==> flow/design.v <==
module gen_sh_core_v2 #(
  parameter XLEN = 12,
  parameter SEL_W = $clog2(XLEN)
) (
  input  wire clk_i,
  input  wire [XLEN-1:0] ch_i,
  input  wire [SEL_W-1:0] n_i,
  output reg [XLEN-1:0] res_o
);
  reg [XLEN-1:0] t;
  integer k;
  always @* begin
    t = ch_i;
    for (k = 0; k < SEL_W; k = k + 1)
      if (n_i[k]) t = t << (1 << k);
  end
  always @(posedge clk_i)
    res_o <= t;
endmodule
Hand-over note for gen_sh_core_v2

-- Step by step through the tools: gen_sh_core_v2
Tool output for the members of one design family, told apart by "XLEN", in the order of the flow.
The RTL above is that of XLEN=12; lines are counted from 1 in the file of the member named.
Operators carry their Yosys type and port widths (W data, S select, Z words).
Library cell names are shortened.
A cell with n/a has no value.
- design top: gen_sh_core_v2
- clock port: clk_i
- standard-cell library: sky130hd
- library corner: tt_025C_1v80

-- Members of the sweep
New or changed lines of each further member against the RTL above, in its own file; lines it lacks are not shown.
- new or changed lines (XLEN ; RTL line ; text):
    40 ; 2 ; parameter XLEN = 40,
    128 ; 2 ; parameter XLEN = 128,

-- Word-level counts
Counts by Yosys on the flattened word-level netlist (proc, flatten, opt, wreduce; memories kept). Register bits leave out memories and registers merged into their read ports (data or address). Print and check cells are left out. Cells with the same type and inputs are merged into one.
- word-level totals (XLEN ; memory bits (writable) ; latch bits ; output and inout bits ; input bits ; register bits ; word width x clocked read ports ; memories ; bits in read-only memories):
    12 ; 0 ; 0 ; 12 ; 17 ; 12 ; 0 ; 0 ; 0
    40 ; 0 ; 0 ; 40 ; 47 ; 40 ; 0 ; 0 ; 0
    128 ; 0 ; 0 ; 128 ; 136 ; 128 ; 0 ; 0 ; 0
- cells by class (XLEN ; bitwise logic cells ; equal/unequal tests ; order comparisons ; add/subtract/negate cells ; muxes and demuxes ; multiply operators ; reductions and logical operators ; shift operators ; divide/modulo/power cells):
    12 ; 0 ; 0 ; 0 ; 0 ; 4 ; 0 ; 0 ; 0 ; 0
    40 ; 0 ; 0 ; 0 ; 0 ; 6 ; 0 ; 1 ; 0 ; 0
    128 ; 0 ; 0 ; 0 ; 0 ; 7 ; 0 ; 0 ; 0 ; 0
- operator list (XLEN ; kinds with counts):
    12 ; 4 x $mux W12
    40 ; 6 x $mux W40; 1 x $reduce_or A2 Y1
    128 ; 7 x $mux W128

-- Depth
Longest topological path by Yosys (ltp), each cell counted once; first at word level (registers and memories cut), then after technology mapping (sequential cells cut; the memories' decode and read muxes count).
- logic depth (XLEN ; depth after elaboration ; ABC_AREA ; depth in mapped cells ; gate-level depth less buffers):
    12 ; 4 ; 0 ; 5 ; 3
    40 ; 6 ; 0 ; 9 ; 5
    128 ; 7 ; 0 ; 12 ; 6

-- Mapped cells and area
The flow's flattened synthesis, as Yosys stat reports it; memories are mapped. The netlist is that of the ABC_AREA named above (0 if unset); the other value can give another one.
The area totals of this step are shown rounded.
- mapped netlist (XLEN ; buffer cells ; mapped flip-flops ; cell count ; sequential area (um2) ; chip area (Yosys) (um2)):
    12 ; 4 ; 12 ; 61 ; 240 ; 734
    40 ; 34 ; 40 ; 375 ; 801 ; 3560
    128 ; 146 ; 128 ; 1536 ; 2560 ; 13300
- cell types (XLEN ; type and count):
    12 ; 12 x dfxtp_1; 9 x mux4_2; 7 x mux2i_1; 1 x mux4_1; 3 x and2_1; 5 x nand2_1; 2 x a22o_1; 2 x a31o_1; 2 x buf_4; 2 x nand2b_1; 1 x buf_6; 1 x mux2_2; 3 x nor2_1; 2 x a21oi_1; 1 x a22oi_1; 1 x nand3b_1; 1 x nor3b_1; 1 x nor2b_1; [+5]
    40 ; 40 x dfxtp_1; 56 x mux2i_1; 12 x mux4_2; 23 x mux2_2; 34 x nor2_1; 17 x o22ai_1; 21 x nand2_1; 10 x o211ai_1; 8 x o22a_1; 6 x mux2_1; 3 x mux2i_4; 13 x buf_2; 10 x nand2b_1; 10 x nor2b_1; 4 x mux2_4; 5 x buf_6; 10 x o21ai_0; 3 x a221oi_2; [+90]
    128 ; 128 x dfxtp_1; 82 x mux4_2; 153 x mux2i_1; 97 x mux2_2; 156 x nor2_1; 155 x nand2_1; 86 x o22ai_1; 66 x a22oi_1; 83 x clkbuf_1; 41 x a211oi_1; 46 x o21ai_0; 44 x a21oi_1; 29 x o211ai_1; 16 x buf_6; 20 x o221ai_1; 30 x nand3_1; 12 x mux2_1; 15 x a2bb2oi_1; [+277]
A list marked [+n] leaves out that many cells.

-- Path before layout
OpenSTA on the mapped netlist: ideal clock, no wires. The path of least setup slack (recovery checks aside). Input and output delay are each 20% of the period. Register names are those of the netlist, which keeps one name where synthesis merged equal registers.
- timing path after synthesis (XLEN ; path type ; start point ; end point ; stages ; slack (ps) ; path delay (ps) ; period (ps) ; period reached after synthesis (ps)):
    12 ; input port to flip-flop ; in n_i[1] ; reg res_o[8] ; 4 ; 279 ; 1129 ; 1760 ; 1481
    40 ; input port to flip-flop ; in n_i[0] ; reg res_o[20] ; 7 ; 362 ; 1439 ; 2250 ; 1888
    128 ; input port to flip-flop ; in n_i[0] ; reg res_o[126] ; 10 ; 527 ; 2121 ; 3310 ; 2783
"path delay" = arrival - input delay + setup time.
"stages" counts driving pins, that of a launching flip-flop among them; a cell with two outputs on the path counts twice.
"period reached after synthesis" is the clock period less the worst setup slack; recovery checks do not enter. This is arithmetic on one report: input and output delays are still those of the set period (20% each).
The rows between start and end are the longest chain of elaborated cells between them; the timing report does not say that the signal goes this way. Where chains are equally long, one stands for them.
Each line given opens the expression or statement behind the cell; cells for indexed reads and writes are added by Yosys, which also makes memories of some case tables.
Between the ends, after synthesis, XLEN=12:
- cells in the longest elaborated chain at 3
- ends and longest elaborated chain, after synthesis, XLEN=12 (item ; RTL line ; text):
    from (decl) ; 7 ; input  wire [SEL_W-1:0] n_i,
    $mux W12 (3 in a row) ; 15 ; if (n_i[k]) t = t << (1 << k);
    to (assign) ; 18 ; res_o <= t;
    to (decl) ; 8 ; output reg [XLEN-1:0] res_o
Between the ends, after synthesis, XLEN=128:
- cells in the longest elaborated chain at 7
- ends and longest elaborated chain, after synthesis, XLEN=128 (item ; RTL line ; text):
    from (decl) ; 7 ; input  wire [SEL_W-1:0] n_i,
    $mux W128 (7 in a row) ; 15 ; if (n_i[k]) t = t << (1 << k);
    to (assign) ; 18 ; res_o <= t;
    to (decl) ; 8 ; output reg [XLEN-1:0] res_o

-- Path in the finished layout
From the final timing report of the run of each member: the path of least setup slack in the routed layout; clock arrival at registers is part of the times.
The report prints the path's times to 10 ps; the period is as set.
- timing path after layout (XLEN ; path type ; start point ; end point ; stages ; slack (ps) ; arrival time (ps) ; period (ps) ; buffers on the path):
    12 ; input port to flip-flop ; in ch_i[8] ; reg res_o[11] ; 4 ; 140 ; 1790 ; 1760 ; 1
    40 ; input port to flip-flop ; in ch_i[25] ; reg res_o[38] ; 6 ; 260 ; 2190 ; 2250 ; 1
    128 ; input port to flip-flop ; in n_i[0] ; reg res_o[126] ; 10 ; 50 ; 3540 ; 3310 ; 4

-- Layout results
Settings and results of one run of the flow (Yosys, OpenROAD) for each member follow. The constraints put input and output delay at 20% of the set period each and load the outputs with 0.01 pF.
- CAP_MARGIN at 20
- CORE_MARGIN at 2
- CORE_UTILIZATION: 40
- SLEW_MARGIN at 20
- settings that differ (XLEN ; period_ns):
    12 ; 1.76
    40 ; 2.25
    128 ; 3.31
- measured results (XLEN ; setup slack of the worst path (ps) ; sum of negative setup slack (ps) ; reached clock period (ps) ; total power of the final layout (mW) ; standard-cell area after layout (um2) ; worst hold slack in the final report (ps) ; utilization after layout (%) ; chip area after synthesis (Yosys) (um2) ; overall die area (um2)):
    12 ; 144 ; 0 ; 1616 ; 0.703 ; 1160 ; 719 ; 67.2 ; 734 ; 2190
    40 ; 263 ; 0 ; 1987 ; 2.42 ; 4870 ; 686 ; 56.1 ; 3560 ; 9660
    128 ; 46 ; 0 ; 3264 ; 7.56 ; 18800 ; 725 ; 57.8 ; 13300 ; 34700
By "reached clock period" is meant the clock period of the run minus its worst setup slack. This is arithmetic on one report: input and output delays are still those of the set period (20% each).
By "total power of the final layout" is meant OpenSTA's value without simulated activity: inputs other than the clock are taken to toggle once in ten clock periods, and the tool carries that through the logic.
Results are given in rounded form.

End of note.
